==> flow/design.v <==
module gen_arith_v2 #(
  parameter DWIDTH = 96
) (
  input clk,
  input valid,
  input [DWIDTH-1:0] first,
  input [DWIDTH-1:0] second,
  input mode,
  output [DWIDTH-1:0] result
);
  reg [DWIDTH-1:0] first_r;
  reg [DWIDTH-1:0] second_r;
  reg mode_r;
  always @(posedge clk) begin
    if (valid) begin
      first_r <= first;
      second_r <= second;
      mode_r <= mode;
    end
  end
  reg [DWIDTH-1:0] t;
  always @* begin
    if (mode_r)
      t = first_r - second_r;
    else
      t = first_r + second_r;
  end
  assign result = t;
endmodule
# From RTL to reports: gen_arith_v2
# What the tools print for gen_arith_v2, step after step.
# Lines are those of the file above, counted from 1.
# Library cell names are shortened.
# The mark n/a stands for no value.
[inputs]
top_module = "gen_arith_v2"
clock = "clk"
library = "sky130hd"
lib_corner = "tt_025C_1v80"

# Elaborated design
# Source: Yosys, flattened and elaborated, memories not mapped. Widths are those after wreduce; folded enables and synchronous resets count as part of the registers. Registers that Yosys merges into a memory's read port (data or address) are not register bits. Print and check cells do not count. Equal cells are merged and count once.
[word_totals]
input_bits = 195
mem_bits_rw = 0
rom_bits = 0
register_bits = 193
output_inout_bits = 96
wordCells = 6
clocked_rd_ports_x_width = 0
latchBits = 0
memories = 0
[classes]
add_sub_neg = 2
mux = 1
compare = 0
div = 0
n_mul = 0
equal = 0
shift = 0
logic = 0
reduce_and_logical = 0
[op_table]
columns = ["cell", "count"]
rows = [
  ["adder 96 bit", 1],
  ["subtractor 96 bit", 1],
  ["2-to-1 mux 96 bit", 1],
]

# Logic depth
# Yosys ltp: most cells in a row. Word level: on the elaborated netlist, between registers, memories and ports. Mapped: between sequential cells and ports; inverters and the memories' decode and read muxes count.
[depth]
depth_word = 2
ABC_AREA = 0
ltp_mapped = 25
ltp_nobuf = 22

# Mapped cells and area
# Yosys stat after the flow's synthesis: flattened, memories mapped to cells. It holds for the ABC_AREA given above (unset counts as 0); a run with the other value may have another netlist.
# Totals and module areas in this step are rounded.
[by_type]
columns = ["cell", "count", "area_total_um2"]
rows = [
  ["edfxtp_1", 193, 5.8E+03],
  ["xnor2_1", 143, 1.25E+03],
  ["ha_1", 97, 1.21E+03],
  ["a21oi_1", 149, 745.715],
  ["a21o_1", 71, 533.011],
  ["nor2_1", 128, 480.461],
  ["xor2_1", 45, 394.128],
  ["nand2_1", 101, 379.114],
  ["o21ai_0", 67, 335.322],
  ["nor3_1", 49, 245.235],
  ["nand4_1", 39, 243.984],
  ["a31oi_1", 34, 212.704],
  ["clkbuf_1", 52, 195.187],
  ["o21bai_1", 22, 165.158],
  ["and3_1", 21, 131.376],
  ["inv_1", 32, 120.115],
  ["nand3_1", 23, 115.11],
  ["nor4_1", 18, 112.608],
]
# Not listed: further types 55, cells in them 157.
[synth_totals]
buffers = 59
seq_area_um2 = 5800
mapped_cells = 1441
synth_area_um2 = 13900
ffs = 193

# Path before layout
# OpenSTA on the mapped netlist: ideal clock, no wires. The path of least setup slack (recovery checks aside). Input and output delay are each 20% of the period. Register names are those of the netlist, which keeps one name where synthesis merged equal registers.
[synth_timing]
path_type = "register to output"
startpoint = "register second_r[13]"
endpoint = "output port result[86]"
t_required_ns = 6.072
arrival_time_ns = 4.858
t_first_pin_ns = 0.000
clock_period_ns = 7.59
delay_ns = 4.858
stages = 22
slack_ns = 1.214
period_less_setup_slack_ns = 6.376
# "delay_ns" = arrival - input delay + setup time.
# A path that ends at an output port has no setup time.
# "stages" counts driving pins, that of a launching flip-flop among them; a cell with two outputs on the path counts twice.
# "period_less_setup_slack_ns" is the clock period less the worst setup slack; recovery checks do not enter. This is arithmetic on one report: input and output delays are still those of the set period (20% each).
# The rows between start and end are the longest chain of elaborated cells between them; the timing report does not say that the signal goes this way. Where chains are equally long, one stands for them.
# A line is the first line of the expression or statement that the cell stems from. Yosys adds cells for indexed reads and writes and turns some case tables into memories.
[synth_between]
path_cell_list = "edfxtp_1 -> or4_4 -> nor4_4 -> nand3_1 -> nor3_1 -> and2_1 -> and3_1 -> buf_2 -> a31oi_1 -> xnor2_1 -> ha_1 -> clkbuf_1 -> and4_1 -> nand2_1 -> nor3_1 -> nand2_1 -> or2_2 -> a31oi_1 -> o21ai_0 -> o31ai_1 -> a21oi_1 -> xnor2_1"
elab_chain_cells = 2
cells_between = 3
cone_lines = 3
[synth_lines]
columns = ["element", "line_no", "text"]
rows = [
  ["from (decl)", 12, "reg [DWIDTH-1:0] second_r;"],
  ["from (assign)", 17, "second_r <= second;"],
  ["adder 96 bit", 26, "t = first_r + second_r;"],
  ["2-to-1 mux 96 bit", 23, "if (mode_r)"],
  ["to (decl)", 9, "output [DWIDTH-1:0] result"],
]

# Timing after layout
# Path of least setup slack in the final report of run 1 (OpenROAD, finished layout, wires in). Where an end is a register, its clock arrival counts in the times.
[layout_timing]
path_type = "register to output"
startpoint = "register second_r[13]"
endpoint = "output port result[91]"
t_required_ns = 6.85
t_first_pin_ns = 0.51
stages = 24
slack_ns = 0.05
clock_period_ns = 8.56
arrival_time_ns = 6.80
# The rows between start and end are the longest chain of elaborated cells between them; the timing report does not say that the signal goes this way. Where chains are equally long, one stands for them.
[layout_between]
path_cell_list = "edfxtp_1 -> or4_4 -> nor4_4 -> nand3_1 -> nor3_1 -> and2_1 -> and3_2 -> a31oi_1 -> xnor2_1 -> ha_1 -> buf_4 -> a21oi_1 -> o21ai_0 -> a21oi_2 -> nor3_1 -> a2111oi_1 -> buf_4 -> o21ai_0 -> o2111ai_1 -> nand2_2 -> a21o_1 -> a311oi_1 -> buf_4 -> clkdlybuf4s50_1"
elab_chain_cells = 2
cells_between = 3
cone_lines = 3
[layout_lines]
columns = ["element", "line_no", "text"]
rows = [
  ["from (decl)", 12, "reg [DWIDTH-1:0] second_r;"],
  ["from (assign)", 17, "second_r <= second;"],
  ["adder 96 bit", 26, "t = first_r + second_r;"],
  ["2-to-1 mux 96 bit", 23, "if (mode_r)"],
  ["to (decl)", 9, "output [DWIDTH-1:0] result"],
]

# Below are 3 stored runs of the flow (Yosys, OpenROAD; platform sky130hd) on gen_arith_v2, each with its settings and what was measured, unordered. Constraints: input delay and output delay 20% of the set period each, output load 0.01 pF.
# "critical_path_time_ns" is the time allowed to the run's worst setup path (the clock period less input and output delay, where it has them) less its slack. Clock arrival times count: a late capture clock shortens it, a late launch clock lengthens it.
# Measured values are rounded.

[[run]]
name = "run 1"
[run.settings]
period_ns = 8.56
CORE_UTILIZATION = 18
SETUP_SLACK_MARGIN = -0.47
PLACE_DENSITY_LB_ADDON = 0.06
CORE_ASPECT_RATIO = 1.03
CELL_PAD_IN_SITES_GLOBAL_PLACEMENT = 2
GPL_ROUTABILITY_DRIVEN = 1
CTS_CLUSTER_SIZE = 87
CTS_CLUSTER_DIAMETER = 359
SLEW_MARGIN = 20
MAX_ROUTING_LAYER = "met5"
CAP_MARGIN = 20
CORE_MARGIN = 2
[run.results]
synth_area_um2 = 13900
design_die_area_um2 = 79700
final_stdcell_area_um2 = 18900
worstSetupSlack_ns = 0.047
timing.setup.tns_ns = 0.000
hold_worst_slack_ns = 1.74
critical_path_time_ns = 6.80
timing.worst_path_kind = "register to output"

[[run]]
name = "run 2"
[run.settings]
period_ns = 7.59
CAP_MARGIN = 20
CORE_MARGIN = 2
CORE_UTILIZATION = 40
SLEW_MARGIN = 20
[run.results]
synth_area_um2 = 13900
design_die_area_um2 = 36400
final_stdcell_area_um2 = 19200
worstSetupSlack_ns = 0.063
timing.setup.tns_ns = 0.000
hold_worst_slack_ns = 1.52
critical_path_time_ns = 6.01
timing.worst_path_kind = "register to output"

[[run]]
name = "run 3"
[run.settings]
period_ns = 5.2
CORE_UTILIZATION = 18
PLACE_DENSITY_LB_ADDON = 0.14
GPL_ROUTABILITY_DRIVEN = 0
CTS_CLUSTER_SIZE = 74
CAP_MARGIN = 40
MAX_ROUTING_LAYER = "met4"
CORE_MARGIN = 2
SLEW_MARGIN = 20
[run.results]
synth_area_um2 = 13900
design_die_area_um2 = 79700
final_stdcell_area_um2 = 27900
worstSetupSlack_ns = -1.33
timing.setup.tns_ns = -66.9
hold_worst_slack_ns = 1.08
critical_path_time_ns = 5.49
timing.worst_path_kind = "register to output"
